==> flow/design.v <==
module my_mpy_n #(
   parameter integer DW = 4
) (
   input wire aclk,
   input wire RSTN,
   input wire signed [DW-1:0] i_da,
   input wire signed [DW-1:0] i_db,
   output reg signed [2*DW-1:0] o_m
);
   always @(posedge aclk) begin
      if (!RSTN) begin
         o_m <= 0;
      end else begin
         o_m <= i_da * i_db;
      end
   end
endmodule
; ---- Reports on my_mpy_n
; What the tools print for my_mpy_n, step after step.
; Lines are those of the file above, counted from 1.
; Operators carry their Yosys type and port widths (W data, S select, Z words).
; Not given: --
[inputs]
top = my_mpy_n
clk_port = aclk
lib = sky130hd
lib_corner = tt_025C_1v80

; ---- Word-level counts
; Yosys after proc, flatten, opt, wreduce and memory -nomap, before mapping. Enables and synchronous resets that opt folds into registers are not counted as muxes. Memory bits, and registers merged into a memory's read port (data or address), are not among the register bits. Print and check cells are not counted. Equal cells are merged and count once.
[bits]
register_bits = 8
elab_cells = 2
[classes]
n_mul = 1
[ops]
columns = op, n
row1 = $mul A4 B4 Y8, 1

; ---- Longest topological paths
; Longest topological path by Yosys (ltp), each cell counted once; first at word level (registers and memories cut), then after technology mapping (sequential cells cut; the memories' decode and read muxes count).
[logic_depth]
word_depth = 1
abc_area = 0
depth_mapped = 12
mapped_depth_nobuf = 12

; ---- After synthesis
; Source: synth_stat.txt of the flow (Yosys; design flattened, memories mapped). It holds for the ABC_AREA given above (unset counts as 0); a run with the other value may have another netlist.
; Totals and module areas in this step are rounded.
[types]
columns = cell, n
row1 = sky130_fd_sc_hd__fa_1, 9
row2 = sky130_fd_sc_hd__dfxtp_1, 8
row3 = sky130_fd_sc_hd__ha_1, 12
row4 = sky130_fd_sc_hd__and2_1, 15
row5 = sky130_fd_sc_hd__inv_1, 12
row6 = sky130_fd_sc_hd__xnor2_1, 3
row7 = sky130_fd_sc_hd__xnor3_1, 1
row8 = sky130_fd_sc_hd__xnor2_2, 1
row9 = sky130_fd_sc_hd__a21o_1, 2
row10 = sky130_fd_sc_hd__a21oi_1, 2
row11 = sky130_fd_sc_hd__xor2_1, 1
row12 = sky130_fd_sc_hd__nand2_1, 2
row13 = sky130_fd_sc_hd__nor2_1, 2
row14 = sky130_fd_sc_hd__o21bai_1, 1
row15 = sky130_fd_sc_hd__and3_1, 1
row16 = sky130_fd_sc_hd__nand2_2, 1
row17 = sky130_fd_sc_hd__nand2b_1, 1
[mapped]
cell_count = 74
sequential_area_um2 = 160
buf_cells = 0
ff_cells = 8
synth_area_um2 = 769

; ---- Path before layout
; Source: OpenSTA report_checks on the synthesized netlist (no wires, ideal clock, input and output delay 20% of the period each), path of least setup slack; recovery checks are left aside. Register names are those of the netlist, which keeps one name where synthesis merged equal registers.
[synth_path]
path_kind = input to register
start = input port i_da[0]
end = register o_m[7]
t_arrival_ps = 3757
delay_ps = 2950
tclk_ps = 4610
slack_ps = 738
setup_time_ps = 115
input_delay_ps = 922
driving_pins = 11
n_path_buf = 0
synth_period_reached_ps = 3872
; "delay_ps" = arrival - input delay + setup time.
; "driving_pins" counts driving pins, that of a launching flip-flop among them; a cell with two outputs on the path counts twice.
; "synth_period_reached_ps" is the clock period less the worst setup slack; recovery checks do not enter. This is arithmetic on one report: input and output delays are still those of the set period (20% each).
; Between the ends stands the longest chain of elaborated cells between them, by number of cells; it is not shown to be the way that was timed. Of several equally long chains one is given.
; A line is the first line of the expression or statement that the cell stems from. Yosys adds cells for indexed reads and writes and turns some case tables into memories.
[synth_between]
cell_sequence = sky130_fd_sc_hd__nand2b_1 -> sky130_fd_sc_hd__fa_1 -> sky130_fd_sc_hd__fa_1 -> sky130_fd_sc_hd__fa_1 -> sky130_fd_sc_hd__inv_1 -> sky130_fd_sc_hd__ha_1 -> sky130_fd_sc_hd__fa_1 -> sky130_fd_sc_hd__a21o_1 -> sky130_fd_sc_hd__a21oi_1 -> sky130_fd_sc_hd__xnor2_1 -> sky130_fd_sc_hd__and2_1
elab_chain_cells = 1
cells_between = 1
cone_lines = 1
classes_between = mul (1)
[synth_rtl]
columns = element, line_no
row1 = start: declaration, 6  ; input wire signed [DW-1:0] i_da,
row2 = $mul A4 B4 Y8, 14  ; o_m <= i_da * i_db;
row3 = end: assignment, 12  ; o_m <= 0;
row4 = end: assignment, 14
row5 = end: declaration, 8  ; output reg signed [2*DW-1:0] o_m

; ---- Timing after layout
; Path of least setup slack in the final report of record 1 (OpenROAD, finished layout, wires in). Where an end is a register, its clock arrival counts in the times.
; The report prints the path's times to 10 ps; the period is as set.
[layout_path]
path_kind = input to register
start = input port i_da[3]
end = register o_m[7]
tclk_ps = 4750
t_arrival_ps = 4040
setup_time_ps = 100
slack_ps = 860
input_delay_ps = 950
driving_pins = 12
n_path_buf = 1
; Between the ends stands the longest chain of elaborated cells between them, by number of cells; it is not shown to be the way that was timed. Of several equally long chains one is given.
[layout_between]
cell_sequence = sky130_fd_sc_hd__clkdlybuf4s50_1 -> sky130_fd_sc_hd__and2_1 -> sky130_fd_sc_hd__fa_1 -> sky130_fd_sc_hd__inv_1 -> sky130_fd_sc_hd__fa_1 -> sky130_fd_sc_hd__inv_1 -> sky130_fd_sc_hd__ha_1 -> sky130_fd_sc_hd__ha_1 -> sky130_fd_sc_hd__a21o_1 -> sky130_fd_sc_hd__a21oi_2 -> sky130_fd_sc_hd__xnor2_1 -> sky130_fd_sc_hd__and2_1
elab_chain_cells = 1
cells_between = 1
cone_lines = 1
classes_between = mul (1)
[layout_rtl]
columns = element, line_no
row1 = start: declaration, 6  ; input wire signed [DW-1:0] i_da,
row2 = $mul A4 B4 Y8, 14  ; o_m <= i_da * i_db;
row3 = end: assignment, 12  ; o_m <= 0;
row4 = end: assignment, 14
row5 = end: declaration, 8  ; output reg signed [2*DW-1:0] o_m

; Design my_mpy_n on sky130hd. What follows are 3 stored runs of the flow, each under its own settings; their order means nothing. The constraints put input and output delay at 20% of the set period each and load the outputs with 0.01 pF.
; By "achievedPeriod_ps" is meant the clock period of the run minus its worst setup slack. This is arithmetic on one report: input and output delays are still those of the set period (20% each).
; "timing.worst_path_ps" is the time allowed to the run's worst setup path (the clock period less input and output delay, where it has them) less its slack. Clock arrival times count: a late capture clock shortens it, a late launch clock lengthens it.
; "power_total_uw" rests on the timing tool's default activity at the inputs, not on a simulated workload.
; "timing.worst_path_ps" is known to 10 ps.
; The results are shown rounded.

[record 1: settings]
period_ns = 4.75
CORE_UTILIZATION = 60
SETUP_SLACK_MARGIN = 0.61
PLACE_DENSITY_LB_ADDON = 0.21
CORE_ASPECT_RATIO = 1.45
GPL_TIMING_DRIVEN = 1
GPL_ROUTABILITY_DRIVEN = 1
CTS_CLUSTER_DIAMETER = 280
CAP_MARGIN = 0
MIN_ROUTING_LAYER = met2
CORE_MARGIN = 2
SLEW_MARGIN = 20
[record 1: results]
post_synth_area_um2 = 769
tns_ps = 0
timing.worst_path_ps = 2940
critical_path_type = input to register
achievedPeriod_ps = 3890
power_total_uw = 297
layout_stdcell_area_um2 = 1010
die_footprint_um2 = 1590
ws_setup_ps = 860
ws_hold_ps = 1020

[record 2: settings]
period_ns = 4.61
CAP_MARGIN = 20
CORE_MARGIN = 2
CORE_UTILIZATION = 40
SLEW_MARGIN = 20
[record 2: results]
post_synth_area_um2 = 769
tns_ps = 0
timing.worst_path_ps = 3260
critical_path_type = input to register
achievedPeriod_ps = 4181
power_total_uw = 294
layout_stdcell_area_um2 = 993
die_footprint_um2 = 2290
ws_setup_ps = 429
ws_hold_ps = 1310

[record 3: settings]
period_ns = 6.58
CORE_UTILIZATION = 49
SETUP_SLACK_MARGIN = 0.47
PLACE_DENSITY_LB_ADDON = 0.09
CELL_PAD_IN_SITES_GLOBAL_PLACEMENT = 1
TNS_END_PERCENT = 40
ABC_AREA = 0
CTS_CLUSTER_SIZE = 22
CTS_CLUSTER_DIAMETER = 23
MIN_ROUTING_LAYER = met2
CAP_MARGIN = 20
CORE_MARGIN = 2
SLEW_MARGIN = 20
[record 3: results]
post_synth_area_um2 = 769
tns_ps = 0
timing.worst_path_ps = 3280
critical_path_type = input to register
achievedPeriod_ps = 4599
power_total_uw = 206
layout_stdcell_area_um2 = 982
die_footprint_um2 = 1900
ws_setup_ps = 1980
ws_hold_ps = 1730
